==> flow/design.v <==
module my_diff_unit_fa (
  input logic a,
  input logic b,
  input logic ci,
  output logic s,
  output logic co
);
  wire p = a ^ b;
  assign s = p ^ ci;
  assign co = p ? ci : a;
endmodule
module my_diff_unit #(
  parameter W = 8
) (
  input logic clk,
  input logic [W-1:0] in_da,
  input logic [W-1:0] in_db,
  input logic in_do_sub,
  output logic [W-1:0] out_res,
  output logic out_carry_out
);
  logic [W-1:0] da_s;
  always_ff @(posedge clk) begin
    da_s <= in_da;
  end
  logic [W-1:0] db_s;
  always_ff @(posedge clk) begin
    db_s <= in_db;
  end
  logic do_sub_s;
  always_ff @(posedge clk) begin
    do_sub_s <= in_do_sub;
  end
  logic [W-1:0] tmp;
  logic [W:0] carry;
  assign carry[0] = do_sub_s;
  for (genvar i = 0; i < W; i++) begin : gen
    my_diff_unit_fa inst (.a(da_s[i]), .b(db_s[i] ^ do_sub_s), .ci(carry[i]), .s(tmp[i]), .co(carry[i+1]));
  end
  logic [W-1:0] res_s;
  always_ff @(posedge clk) begin
    res_s <= tmp;
  end
  assign out_res = res_s;
  logic carry_out_s;
  always_ff @(posedge clk) begin
    carry_out_s <= carry[W];
  end
  assign out_carry_out = carry_out_s;
endmodule
Step by step through the tools: my_diff_unit --
The steps from the RTL of my_diff_unit to its reports follow in flow order. Line numbers count from 1 in the design file above. Library cell names are shortened. The mark - stands for no value.
Design: design top my_diff_unit, clock clk, cell library sky130hd, library corner tt_025C_1v80

After elaboration --
Source: Yosys, flattened and elaborated, memories not mapped. Widths are those after wreduce; folded enables and synchronous resets count as part of the registers. Registers that Yosys merges into a memory's read port (data or address) are not register bits. Print and check cells do not count. Equal cells are merged and count once.
Cells by class: multiplexer cells 8, bitwise operators 24
Operators by type and width (count):
- 1-bit XOR | 24
- 1-bit two-way mux | 8
Word-level totals: register bits after elaboration 26, input bits 18, cells after elaboration 37

Depth --
Depth = most cells in a row (Yosys ltp): at word level without a register or memory, in the mapped netlist without a sequential cell, where the memories' decode and read muxes count.
Logic depth: word-level depth 10, ABC_AREA 0, depth in mapped cells 9, depth with buffers taken out 7

Synthesis result --
The flow's flattened synthesis, as Yosys stat reports it; memories are mapped. The netlist is that of the ABC_AREA named above (0 if unset); the other value can give another one.
Cells by type (count):
- dfxtp_1 | 26
- xnor2_1 | 11
- a21oi_1 | 11
- a211oi_1 | 5
- o21ai_0 | 7
- xor2_1 | 4
- buf_6 | 3
- nand2b_1 | 5
- nand2_1 | 7
- a31oi_1 | 4
- nand3_1 | 5
- o211ai_1 | 3
- o31ai_4 | 1
- and2_1 | 3
- inv_1 | 5
- a221oi_1 | 2
- a21o_4 | 1
- a221oi_2 | 1
Other cell types: 31; their cells: 38.
Synthesis totals: cell count 142, cell area after synthesis 1347.5 µm², sequential area 520.5 µm², mapped flip-flops 26, buffers 9
The figures by module come from a second, unflattened synthesis with its own total; it is not the netlist above.
Second synthesis, totals: cells (unflattened synthesis) 51, area (unflattened synthesis) 872.1 µm²
Each row is one instance without its submodules.
By module:
- my_diff_unit | times used 1, cells 35, area 601.8 µm²
- my_diff_unit_fa | times used 8, cells 2, area 33.8 µm²

Worst setup path after synthesis --
Source: OpenSTA report_checks on the synthesized netlist (no wires, ideal clock, input and output delay 20% of the period each), path of least setup slack; recovery checks are left aside. Register names are those of the netlist, which keeps one name where synthesis merged equal registers.
Path post-synthesis: path type reg-to-reg, start reg da_s[1], end reg carry_out_s, period 2.33 ns, setup time 0.115 ns, time at the first pin 0.000 ns, data arrival time 1.746 ns, required time 2.215 ns, setup slack 0.469 ns, path delay 1.861 ns, stages on the path 9, path buffers 1, synthesis period reached 1.861 ns
"path delay" = arrival - input delay + setup time. "stages on the path": output pins that drive a net of the path, with the launching flip-flop's if there is one; two outputs of one cell count as two. "synthesis period reached" is the clock period less the worst setup slack; recovery checks do not enter. This is arithmetic on one report: input and output delays are still those of the set period (20% each). The rows between start and end are the longest chain of elaborated cells between them; the timing report does not say that the signal goes this way. Where chains are equally long, one stands for them. A line is the first line of the expression or statement that the cell stems from. Yosys adds cells for indexed reads and writes and turns some case tables into memories.
Between the ends, post-synthesis: cell sequence dfxtp_1 -> buf_6 -> a21boi_2 -> nor4_2 -> o31ai_4 -> a21o_4 -> o32a_1 -> a21oi_1 -> nor2_1, length of the longest elaborated chain 8
Ends and longest elaborated chain, post-synthesis:
- start, declared | line 22 | logic [W-1:0] da_s;
- start, assigned | line 24 | da_s <= in_da;
- 1-bit XOR | line 8 | wire p = a ^ b;
- 1-bit two-way mux (7 in a row) | line 10 | assign co = p ? ci : a;
- end, assigned | line 47 | carry_out_s <= carry[W];
- end, declared | line 45 | logic carry_out_s;

Path in the finished layout --
From the final timing report of job 1: the path of least setup slack in the routed layout; clock arrival at registers is part of the times.
Path post-layout: path type reg-to-reg, start reg da_s[1], end reg res_s[5], period 2.33 ns, setup time 0.04 ns, time at the first pin 0.30 ns, data arrival time 2.37 ns, required time 2.60 ns, setup slack 0.23 ns, stages on the path 8, path buffers 0
The rows between start and end are the longest chain of elaborated cells between them; the timing report does not say that the signal goes this way. Where chains are equally long, one stands for them.
Between the ends, post-layout: cell sequence dfxtp_1 -> a21boi_2 -> o21ai_0 -> mux2i_1 -> a21o_4 -> a221oi_2 -> or4b_1 -> nand3_1, length of the longest elaborated chain 6
Ends and longest elaborated chain, post-layout:
- start, declared | line 22 | logic [W-1:0] da_s;
- start, assigned | line 24 | da_s <= in_da;
- 1-bit XOR | line 8 | wire p = a ^ b;
- 1-bit two-way mux (4 in a row) | line 10 | assign co = p ? ci : a;
- 1-bit XOR | line 9 | assign s = p ^ ci;
- end, assigned | line 42 | res_s <= tmp;
- end, declared | line 40 | logic [W-1:0] res_s;

Subject: flow runs of my_diff_unit

Hi,

Flow measurements of my_diff_unit on sky130hd: 3 stored runs with different settings, listed in no order. Input and output delays are each 20% of the period that was set; the output load is 0.01 pF.
"period achieved" is the run's clock period less its worst setup slack. It is reckoned from that one timing run; input and output delays stay at 20% of the period that was set.
"critical setup path time" = time allowed to the worst setup path (clock period - input delay - output delay, where it has them) - its slack; a late launch clock adds to it, a late capture clock takes from it.
"total power of the final layout" is the tool's figure for a default switching activity; nothing was simulated.

[job 1] flow files
==> flow/run.sh <==
#!/bin/bash
# the make line also repeats the synthesis and layout settings of config.mk as NAME=value (left out here)
make -C /OpenROAD-flow-scripts/flow DESIGN_CONFIG=/design/flow/config.mk WORK_HOME=/design/flow/orfs CLKGATE_MAP_FILE= finish
==> flow/config.mk <==
export PLATFORM = sky130hd
export DESIGN_NAME = my_diff_unit
export DESIGN_NICKNAME = my_diff_unit
export VERILOG_FILES = /design/flow/design.v
export SDC_FILE = /design/flow/constraint.sdc
export NUM_CORES = 4
export LEC_CHECK = 0
export CAP_MARGIN = 20
export CORE_MARGIN = 2
export CORE_UTILIZATION = 40
export SLEW_MARGIN = 20
==> flow/constraint.sdc <==
create_clock -name core_clock -period 2.33 [get_ports {clk}]
set_input_delay 0.4660 -clock core_clock [delete_from_list [all_inputs] [get_ports {clk}]]
set_output_delay 0.4660 -clock core_clock [all_outputs]
set_load 0.01 [all_outputs]

[job 1] result: critical setup path time 2.10 ns; critical path kind reg-to-reg; worst setup slack after layout 0.235 ns; period achieved 2.095 ns; post-synthesis cell area 1347.5 µm²; final design utilization 0.495; total power of the final layout 0.9866 mW; total die area 3849.0 µm²; setup TNS 0.000 ns

[job 2] flow files
==> flow/run.sh <==
#!/bin/bash
# the make line also repeats the synthesis and layout settings of config.mk as NAME=value (left out here)
make -C /OpenROAD-flow-scripts/flow DESIGN_CONFIG=/design/flow/config.mk WORK_HOME=/design/flow/orfs CLKGATE_MAP_FILE= finish
==> flow/config.mk <==
export PLATFORM = sky130hd
export DESIGN_NAME = my_diff_unit
export DESIGN_NICKNAME = my_diff_unit
export VERILOG_FILES = /design/flow/design.v
export SDC_FILE = /design/flow/constraint.sdc
export NUM_CORES = 4
export LEC_CHECK = 0
export CAP_MARGIN = 20
export CORE_ASPECT_RATIO = 1.28
export CORE_MARGIN = 3
export CORE_UTILIZATION = 23
export CTS_CLUSTER_DIAMETER = 74
export GPL_TIMING_DRIVEN = 0
export HOLD_SLACK_MARGIN = -0.05
export PLACE_DENSITY_LB_ADDON = 0.22
export SETUP_SLACK_MARGIN = -0.2
export SLEW_MARGIN = 20
==> flow/constraint.sdc <==
create_clock -name core_clock -period 2.58 [get_ports {clk}]
set_input_delay 0.5160 -clock core_clock [delete_from_list [all_inputs] [get_ports {clk}]]
set_output_delay 0.5160 -clock core_clock [all_outputs]
set_load 0.01 [all_outputs]

[job 2] result: worst setup slack after layout 0.571 ns; total die area 6820.4 µm²; critical setup path time 2.01 ns; critical path kind reg-to-reg; setup TNS 0.000 ns; total power of the final layout 1.002 mW; final design utilization 0.318; post-synthesis cell area 1347.5 µm²; period achieved 2.009 ns

[job 3] flow files
==> flow/run.sh <==
#!/bin/bash
# the make line also repeats the synthesis and layout settings of config.mk as NAME=value (left out here)
make -C /OpenROAD-flow-scripts/flow DESIGN_CONFIG=/design/flow/config.mk WORK_HOME=/design/flow/orfs CLKGATE_MAP_FILE= finish
==> flow/config.mk <==
export PLATFORM = sky130hd
export DESIGN_NAME = my_diff_unit
export DESIGN_NICKNAME = my_diff_unit
export VERILOG_FILES = /design/flow/design.v
export SDC_FILE = /design/flow/constraint.sdc
export NUM_CORES = 4
export LEC_CHECK = 0
export CAP_MARGIN = 20
export CELL_PAD_IN_SITES_GLOBAL_PLACEMENT = 0
export CORE_ASPECT_RATIO = 1.08
export CORE_MARGIN = 6
export CORE_UTILIZATION = 59
export CTS_CLUSTER_DIAMETER = 211
export GPL_ROUTABILITY_DRIVEN = 0
export MAX_ROUTING_LAYER = met5
export MIN_ROUTING_LAYER = met2
export PLACE_DENSITY = 0.6
export SLEW_MARGIN = 20
==> flow/constraint.sdc <==
create_clock -name core_clock -period 3.49 [get_ports {clk}]
set_input_delay 0.6980 -clock core_clock [delete_from_list [all_inputs] [get_ports {clk}]]
set_output_delay 0.6980 -clock core_clock [all_outputs]
set_load 0.01 [all_outputs]

[job 3] result: final design utilization 0.761; post-synthesis cell area 1347.5 µm²; critical setup path time 2.60 ns; critical path kind reg-to-reg; total power of the final layout 0.6795 mW; period achieved 2.601 ns; setup TNS 0.000 ns; total die area 3575.7 µm²; worst setup slack after layout 0.889 ns

Regards
